==> flow/design.v <==
module ex_add_sub #(
    parameter XLEN = 96
) (
    input wire aclk,
    input wire rst_n,
    input wire valid,
    input wire [XLEN-1:0] i_opa,
    input wire [XLEN-1:0] i_opb,
    output reg [XLEN-1:0] o_result
);
    reg [XLEN-1:0] r_opa;
    reg [XLEN-1:0] r_opb;
    always @(posedge aclk or negedge rst_n) begin
        if (~rst_n) begin
            r_opa <= 0;
            r_opb <= 0;
        end else if (valid) begin
            r_opa <= i_opa;
            r_opb <= i_opb;
        end
    end
    wire [XLEN:0] tmp = r_opa - r_opb;
    always @(posedge aclk or negedge rst_n) begin
        if (~rst_n) begin
            o_result <= 0;
        end else if (valid) begin
            o_result <= tmp[XLEN] ? {XLEN{1'b0}} : tmp[XLEN-1:0];
        end
    end
endmodule
# == Tool chain data of ex_add_sub ==
# What the tools print for ex_add_sub, step after step.
# Line numbers count from 1 in the design file above.
# Operators carry their Yosys type and port widths (W data, S select, Z words).
# Cell names lack the library's common part.
# Not given: --
# inputs
design,ex_add_sub
clock_port,aclk
library,sky130hd
corner,tt_025C_1v80

# == Word-level counts ==
# Counts by Yosys on the flattened word-level netlist (proc, flatten, opt, wreduce; memories kept). Register bits leave out memories and registers merged into their read ports (data or address); mux counts leave out enables and synchronous resets folded into registers. Print and check cells are left out. Cells with the same type and inputs are merged into one.
# bits
output_inout_bits,96
reg_bits,288
# classes
mux,1
addsub,1
# op_table
operator,n
$sub A96 B96 Y97,1
$mux W96,1

# == Depth ==
# Depth = most cells in a row (Yosys ltp): at word level without a register or memory, in the mapped netlist without a sequential cell, where the memories' decode and read muxes count.
# depth
word_depth,2
ABC_AREA,0
ltp_mapped,18
depth_no_buf,15

# == Netlist ==
# The flow's flattened synthesis, as Yosys stat reports it; memories are mapped. The netlist is that of the ABC_AREA named above (0 if unset); the other value can give another one.
# types
cell,n
dfrtp_1,288
ha_1,96
mux2_2,96
o21ai_0,197
inv_1,213
nand2_1,175
a21oi_1,117
xnor2_1,57
a21o_1,52
nand3_1,68
clkbuf_1,86
nand3_2,31
xor2_1,34
nor2_1,55
nand4_1,27
o21bai_1,22
o21ai_1,32
nor2b_1,22
# Other cell types: 44; their cells: 233.
# synth_totals
mapped_area_um2,17221.5
ffs,288
buffers,110
cells,1901
seq_area_um2,7206.9

# == Worst setup path after synthesis ==
# OpenSTA on the mapped netlist: ideal clock, no wires. The path of least setup slack (recovery checks aside). Input and output delay are each 20% of the period. Register names are those of the netlist, which keeps one name where synthesis merged equal registers.
# synth_timing
path_type,reg-to-reg
startpoint,reg r_opa[0]
endpoint,reg o_result[48]
stages,19
delay_ns,3.417
path_slack_ns,0.852
arrival_time_ns,3.285
n_path_buf,3
period_ns,4.27
synth_period_reached_ns,3.418
# "delay_ns" = arrival - input delay + setup time.
# "stages": output pins that drive a net of the path, with the launching flip-flop's if there is one; two outputs of one cell count as two.
# "synth_period_reached_ns" is the clock period less the worst setup slack; recovery checks do not enter. This is arithmetic on one report: input and output delays are still those of the set period (20% each).
# Between the ends stands the longest chain of elaborated cells between them, by number of cells; it is not shown to be the way that was timed. Of several equally long chains one is given.
# A line is the first line of the expression or statement that the cell stems from. Yosys adds cells for indexed reads and writes and turns some case tables into memories.
# synth_via
cell_sequence,dfrtp_1 -> inv_1 -> ha_1 -> inv_1 -> fa_1 -> a21o_1 -> a221oi_2 -> o31ai_1 -> a21o_1 -> and3_1 -> o311a_1 -> o2111ai_2 -> nand3_2 -> a31o_1 -> buf_6 -> buf_6 -> buf_6 -> nand3_2 -> o21ai_1
elab_chain_len,2
cells_between,2
lines_between,2
cone_classes,add/sub (1); mux (1)
# synth_rtl
item,line_no,source
start: declaration,11,reg [XLEN-1:0] r_opa;
start: assignment,15,r_opa <= 0;
start: assignment,18,r_opa <= i_opa;
$sub A96 B96 Y97,22,wire [XLEN:0] tmp = r_opa - r_opb;
$mux W96,27,o_result <= tmp[XLEN] ? {XLEN{1'b0}} : tmp[XLEN-1:0];
end: assignment,25,o_result <= 0;
end: assignment,27,
end: declaration,9,output reg [XLEN-1:0] o_result

# == Worst path after layout ==
# Path of least setup slack in the final report of stored run 1 (OpenROAD, finished layout, wires in). Where an end is a register, its clock arrival counts in the times.
# layout_timing
path_type,reg-to-reg
startpoint,reg r_opa[0]
endpoint,reg o_result[30]
path_slack_ns,1.00
period_ns,5.47
stages,19
n_path_buf,3
arrival_time_ns,4.87
# Between the ends stands the longest chain of elaborated cells between them, by number of cells; it is not shown to be the way that was timed. Of several equally long chains one is given.
# layout_via
cell_sequence,dfrtp_1 -> inv_1 -> ha_1 -> inv_1 -> fa_1 -> a21o_1 -> a221oi_2 -> o31ai_1 -> a21o_1 -> and3_1 -> o311a_1 -> o2111ai_2 -> nand3_2 -> a31o_4 -> buf_12 -> buf_16 -> buf_4 -> nand3_1 -> o21ai_0
elab_chain_len,2
cells_between,2
lines_between,2
cone_classes,add/sub (1); mux (1)
# layout_rtl
item,line_no,source
start: declaration,11,reg [XLEN-1:0] r_opa;
start: assignment,15,r_opa <= 0;
start: assignment,18,r_opa <= i_opa;
$sub A96 B96 Y97,22,wire [XLEN:0] tmp = r_opa - r_opb;
$mux W96,27,o_result <= tmp[XLEN] ? {XLEN{1'b0}} : tmp[XLEN-1:0];
end: assignment,25,o_result <= 0;
end: assignment,27,
end: declaration,9,output reg [XLEN-1:0] o_result

# Top module ex_add_sub; platform sky130hd; tools Yosys and OpenROAD; 3 stored runs in no particular order. Input and output delays are each 20% of the period that was set; the output load is 0.01 pF.
# "worst_path_allowed_less_slack_ns" is the time allowed to the run's worst setup path (the clock period less input and output delay, where it has them) less its slack. Clock arrival times count: a late capture clock shortens it, a late launch clock lengthens it.
# "power_total_uw" rests on the timing tool's default activity at the inputs, not on a simulated workload.
# Settings: -- = not set for that run.
run,period_ns,CORE_UTILIZATION,PLACE_DENSITY_LB_ADDON,CELL_PAD_IN_SITES_GLOBAL_PLACEMENT,CELL_PAD_IN_SITES_DETAIL_PLACEMENT,CAP_MARGIN,SLEW_MARGIN,CORE_MARGIN,SETUP_SLACK_MARGIN,HOLD_SLACK_MARGIN,TNS_END_PERCENT,GPL_TIMING_DRIVEN,MAX_ROUTING_LAYER,power_total_uw,final_stdcell_area_um2,timing.setup.ws_ns,post_route_util_frac,synthArea_um2,worst_path_allowed_less_slack_ns,critical_path_kind,dieArea_um2
stored run 1,5.47,18,0.29,0,0,25,35,2,--,--,--,--,--,8280,22779.3,1.000,0.24,17221.5,4.47,reg-to-reg,98166.3
stored run 2,4.27,40,--,--,--,20,20,2,--,--,--,--,--,10103,21769.6,0.346,0.509,17221.5,3.92,reg-to-reg,44730.1
stored run 3,2.51,48,0.23,--,0,20,5,2,0.58,0.25,70,1,met5,17939,24736.2,-1.041,0.697,17221.5,3.55,reg-to-reg,37409.4
